==> flow/design.v <==
module alu_compare_stage #(
    parameter DWIDTH = 12
) (
    input  aclk,
    input  reset,
    input  [DWIDTH-1:0] lhs,
    input  [DWIDTH-1:0] rhs,
    output [DWIDTH-1:0] mn,
    output [DWIDTH-1:0] mx
);
    reg [DWIDTH-1:0] lhs_s;
    reg [DWIDTH-1:0] rhs_s;
    always @(posedge aclk) begin
        if (reset) begin
            lhs_s <= 0;
            rhs_s <= 0;
        end else begin
            lhs_s <= lhs;
            rhs_s <= rhs;
        end
    end
    wire work;
    assign work = lhs_s < rhs_s;
    reg [DWIDTH-1:0] mn_s;
    always @(posedge aclk) begin
        if (reset) begin
            mn_s <= 0;
        end else begin
            mn_s <= work ? lhs_s : rhs_s;
        end
    end
    assign mn = mn_s;
    reg [DWIDTH-1:0] mx_s;
    always @(posedge aclk) begin
        if (reset) begin
            mx_s <= 0;
        end else begin
            mx_s <= work ? rhs_s : lhs_s;
        end
    end
    assign mx = mx_s;
endmodule
**Reports on alu_compare_stage**

The steps from the RTL of alu_compare_stage to its reports follow in flow order.
Line numbers count from 1 in the design file above.
Cell names lack the library's common part.
The mark - stands for no value.

- Top module: alu_compare_stage
- Clock port: aclk
- Standard-cell library: sky130hd
- Corner: tt_025C_1v80

**Word level**

Counts by Yosys on the flattened word-level netlist (proc, flatten, opt, wreduce; memories kept). Register bits leave out memories and registers merged into their read ports (data or address); mux counts leave out enables and synchronous resets folded into registers. Print and check cells are left out. Cells with the same type and inputs are merged into one.

- Bits in registers: 48
- Bits in latches: 0
- Memory bits (writable): 0
- Bits in read-only memories: 0
- Clocked read ports x word width: 0
- Memory cells: 0
- Input bits: 26
- Output and inout bits: 24
- Elaborated cells: 7

- $add $sub $neg: 0
- Multiply operators: 0
- Div/mod/pow operators: 0
- Magnitude comparators: 1
- Eq/ne operators: 0
- Shift operators: 0
- Muxes and demuxes: 2
- Bitwise logic cells: 0
- Reductions and logical operators: 0

Operators with widths:

| cell | count |
|---|---|
| 12-bit 2-to-1 mux | 2 |
| 12-bit < comparator | 1 |

**Longest topological paths**

Longest topological path by Yosys (ltp), each cell counted once; first at word level (registers and memories cut), then after technology mapping (sequential cells cut; the memories' decode and read muxes count).

- Word-level depth: 2
- ABC_AREA: 0
- Gate-level depth with buffers: 7
- Gate-level depth less buffers: 6

**Mapped cells and area**

The flow's flattened synthesis, as Yosys stat reports it; memories are mapped. The netlist is that of the ABC_AREA named above (0 if unset); the other value can give another one.
Totals and module areas in this step are rounded.

Cell types:

| type | count | total area (µm²) |
|---|---|---|
| dfxtp_1 | 48 | 960.922 |
| mux2i_1 | 24 | 240.23 |
| nor2b_1 | 24 | 150.144 |
| nand2b_1 | 23 | 143.888 |
| ha_1 | 11 | 137.632 |
| inv_1 | 11 | 41.29 |
| a21oi_1 | 5 | 25.024 |
| buf_6 | 2 | 22.522 |
| clkbuf_1 | 5 | 18.768 |
| nand2_1 | 5 | 18.768 |
| a221oi_2 | 1 | 15.014 |
| nand2b_4 | 1 | 13.763 |
| nor4_2 | 1 | 12.512 |
| a221o_1 | 1 | 10.01 |
| o21ai_0 | 2 | 10.01 |
| a21oi_2 | 1 | 8.758 |
| or2b_1 | 1 | 7.507 |
| o21ai_1 | 1 | 5.005 |
| nor2_1 | 1 | 3.754 |

- Standard cells after synthesis: 168
- Chip area (Yosys): 1846 µm²
- Area of sequential cells: 960.9 µm²
- Mapped flip-flops: 48
- Buffers: 7

**Path before layout**

Source: OpenSTA report_checks on the synthesized netlist (no wires, ideal clock, input and output delay 20% of the period each), path of least setup slack; recovery checks are left aside. Register names are those of the netlist, which keeps one name where synthesis merged equal registers.

- Kind: register to register
- Start point: register rhs_s[5]
- End point: register mn_s[10]
- Period: 2140 ps
- Setup time: 72 ps
- Launch time at the first pin: 0 ps
- Arrival time: 1642 ps
- Data required time: 2068 ps
- Path slack: 426 ps
- Path delay: 1714 ps
- Driving pins on the path: 8
- Path buffers: 1
- Period reached after synthesis: 1714 ps

"path delay" is the arrival time less input delay plus setup time.
"driving pins on the path": output pins that drive a net of the path, with the launching flip-flop's if there is one; two outputs of one cell count as two.
"period reached after synthesis" is the clock period less the worst setup slack; recovery checks do not enter. This is arithmetic on one report: input and output delays are still those of the set period (20% each).
The rows between start and end are the longest chain of elaborated cells between them; the timing report does not say that the signal goes this way. Where chains are equally long, one stands for them.
A line is the first line of the expression or statement that the cell stems from. Yosys adds cells for indexed reads and writes and turns some case tables into memories.

- Cell sequence: dfxtp_1 > inv_1 > ha_1 > a21oi_1 > o21ai_0 > a221oi_2 > buf_6 > mux2i_1
- Length of the longest elaborated chain: 2
- Elaborated cells on any way between the ends: 2
- RTL lines with such cells: 2
- Classes of those cells: compare: 1; mux: 1

RTL lines, path post-synthesis:

| item | RTL line | text |
|---|---|---|
| start: declaration | 12 | `reg [DWIDTH-1:0] rhs_s;` |
| start: assignment | 16 | `rhs_s <= 0;` |
| start: assignment | 19 | `rhs_s <= rhs;` |
| 12-bit < comparator | 23 | `assign work = lhs_s < rhs_s;` |
| 12-bit 2-to-1 mux | 29 | `mn_s <= work ? lhs_s : rhs_s;` |
| end: assignment | 27 | `mn_s <= 0;` |
| end: assignment | 29 |  |
| end: declaration | 24 | `reg [DWIDTH-1:0] mn_s;` |

**Timing after layout**

Path of least setup slack in the final report of stored run 2 (OpenROAD, finished layout, wires in). Where an end is a register, its clock arrival counts in the times.
The report prints the path's times to 10 ps; the period is as set.

- Kind: register to register
- Start point: register rhs_s[11]
- End point: register mx_s[2]
- Period: 1180 ps
- Setup time: 80 ps
- Launch time at the first pin: 290 ps
- Arrival time: 1920 ps
- Data required time: 1380 ps
- Path slack: -530 ps
- Driving pins on the path: 8
- Path buffers: 1

The rows between start and end are the longest chain of elaborated cells between them; the timing report does not say that the signal goes this way. Where chains are equally long, one stands for them.

- Cell sequence: dfxtp_2 > inv_1 > ha_4 > nand2_4 > nor4_4 > a221o_1 > buf_6 > mux2i_2
- Length of the longest elaborated chain: 2
- Elaborated cells on any way between the ends: 2
- RTL lines with such cells: 2
- Classes of those cells: compare: 1; mux: 1

RTL lines, path after layout:

| item | RTL line | text |
|---|---|---|
| start: declaration | 12 | `reg [DWIDTH-1:0] rhs_s;` |
| start: assignment | 16 | `rhs_s <= 0;` |
| start: assignment | 19 | `rhs_s <= rhs;` |
| 12-bit < comparator | 23 | `assign work = lhs_s < rhs_s;` |
| 12-bit 2-to-1 mux | 38 | `mx_s <= work ? rhs_s : lhs_s;` |
| end: assignment | 36 | `mx_s <= 0;` |
| end: assignment | 38 |  |
| end: declaration | 33 | `reg [DWIDTH-1:0] mx_s;` |

Memo
Re: implementation data of alu_compare_stage

Measured results for alu_compare_stage: 3 stored runs of the Yosys and OpenROAD flow on sky130hd. The settings differ; the order carries no meaning. The constraints put input and output delay at 20% of the set period each and load the outputs with 0.01 pF.
By "total design power" is meant OpenSTA's value without simulated activity: inputs other than the clock are taken to toggle once in ten clock periods, and the tool carries that through the logic.
Results are given in rounded form.
A setting shown as - is not set for that run.
Results: - = not shown.

| item | stored run 1 | stored run 2 | stored run 3 |
|---|---|---|---|
| period_ns | 1.08 | 1.18 | 2.14 |
| CORE_UTILIZATION | 58 | 28 | 40 |
| SETUP_SLACK_MARGIN | 0.29 | - | - |
| PLACE_DENSITY_LB_ADDON | 0.13 | 0.24 | - |
| CORE_ASPECT_RATIO | 0.87 | - | - |
| CORE_MARGIN | 6 | 2 | 2 |
| CELL_PAD_IN_SITES_GLOBAL_PLACEMENT | 3 | 0 | - |
| CELL_PAD_IN_SITES_DETAIL_PLACEMENT | 0 | - | - |
| GPL_ROUTABILITY_DRIVEN | 1 | - | - |
| CTS_CLUSTER_SIZE | 99 | - | - |
| SLEW_MARGIN | 5 | 15 | 20 |
| MIN_ROUTING_LAYER | met2 | met1 | - |
| CAP_MARGIN | 20 | 20 | 20 |
| HOLD_SLACK_MARGIN | - | 0.21 | - |
| TNS_END_PERCENT | - | 70 | - |
| GPL_TIMING_DRIVEN | - | 1 | - |
| CTS_CLUSTER_DIAMETER | - | 141 | - |
| chip area in the Yosys report (µm²) | - | 1846 | 1846 |
| die size (µm²) | - | 7256 | 5173 |
| standard-cell area after routing (µm²) | - | 2755 | 2530 |
| worst setup slack after layout (ps) | - | -533 | 233 |
| total design power (W) | - | 0.00349 | 0.002013 |

Stored run 1: no final report: placement broke off with FLW-0024
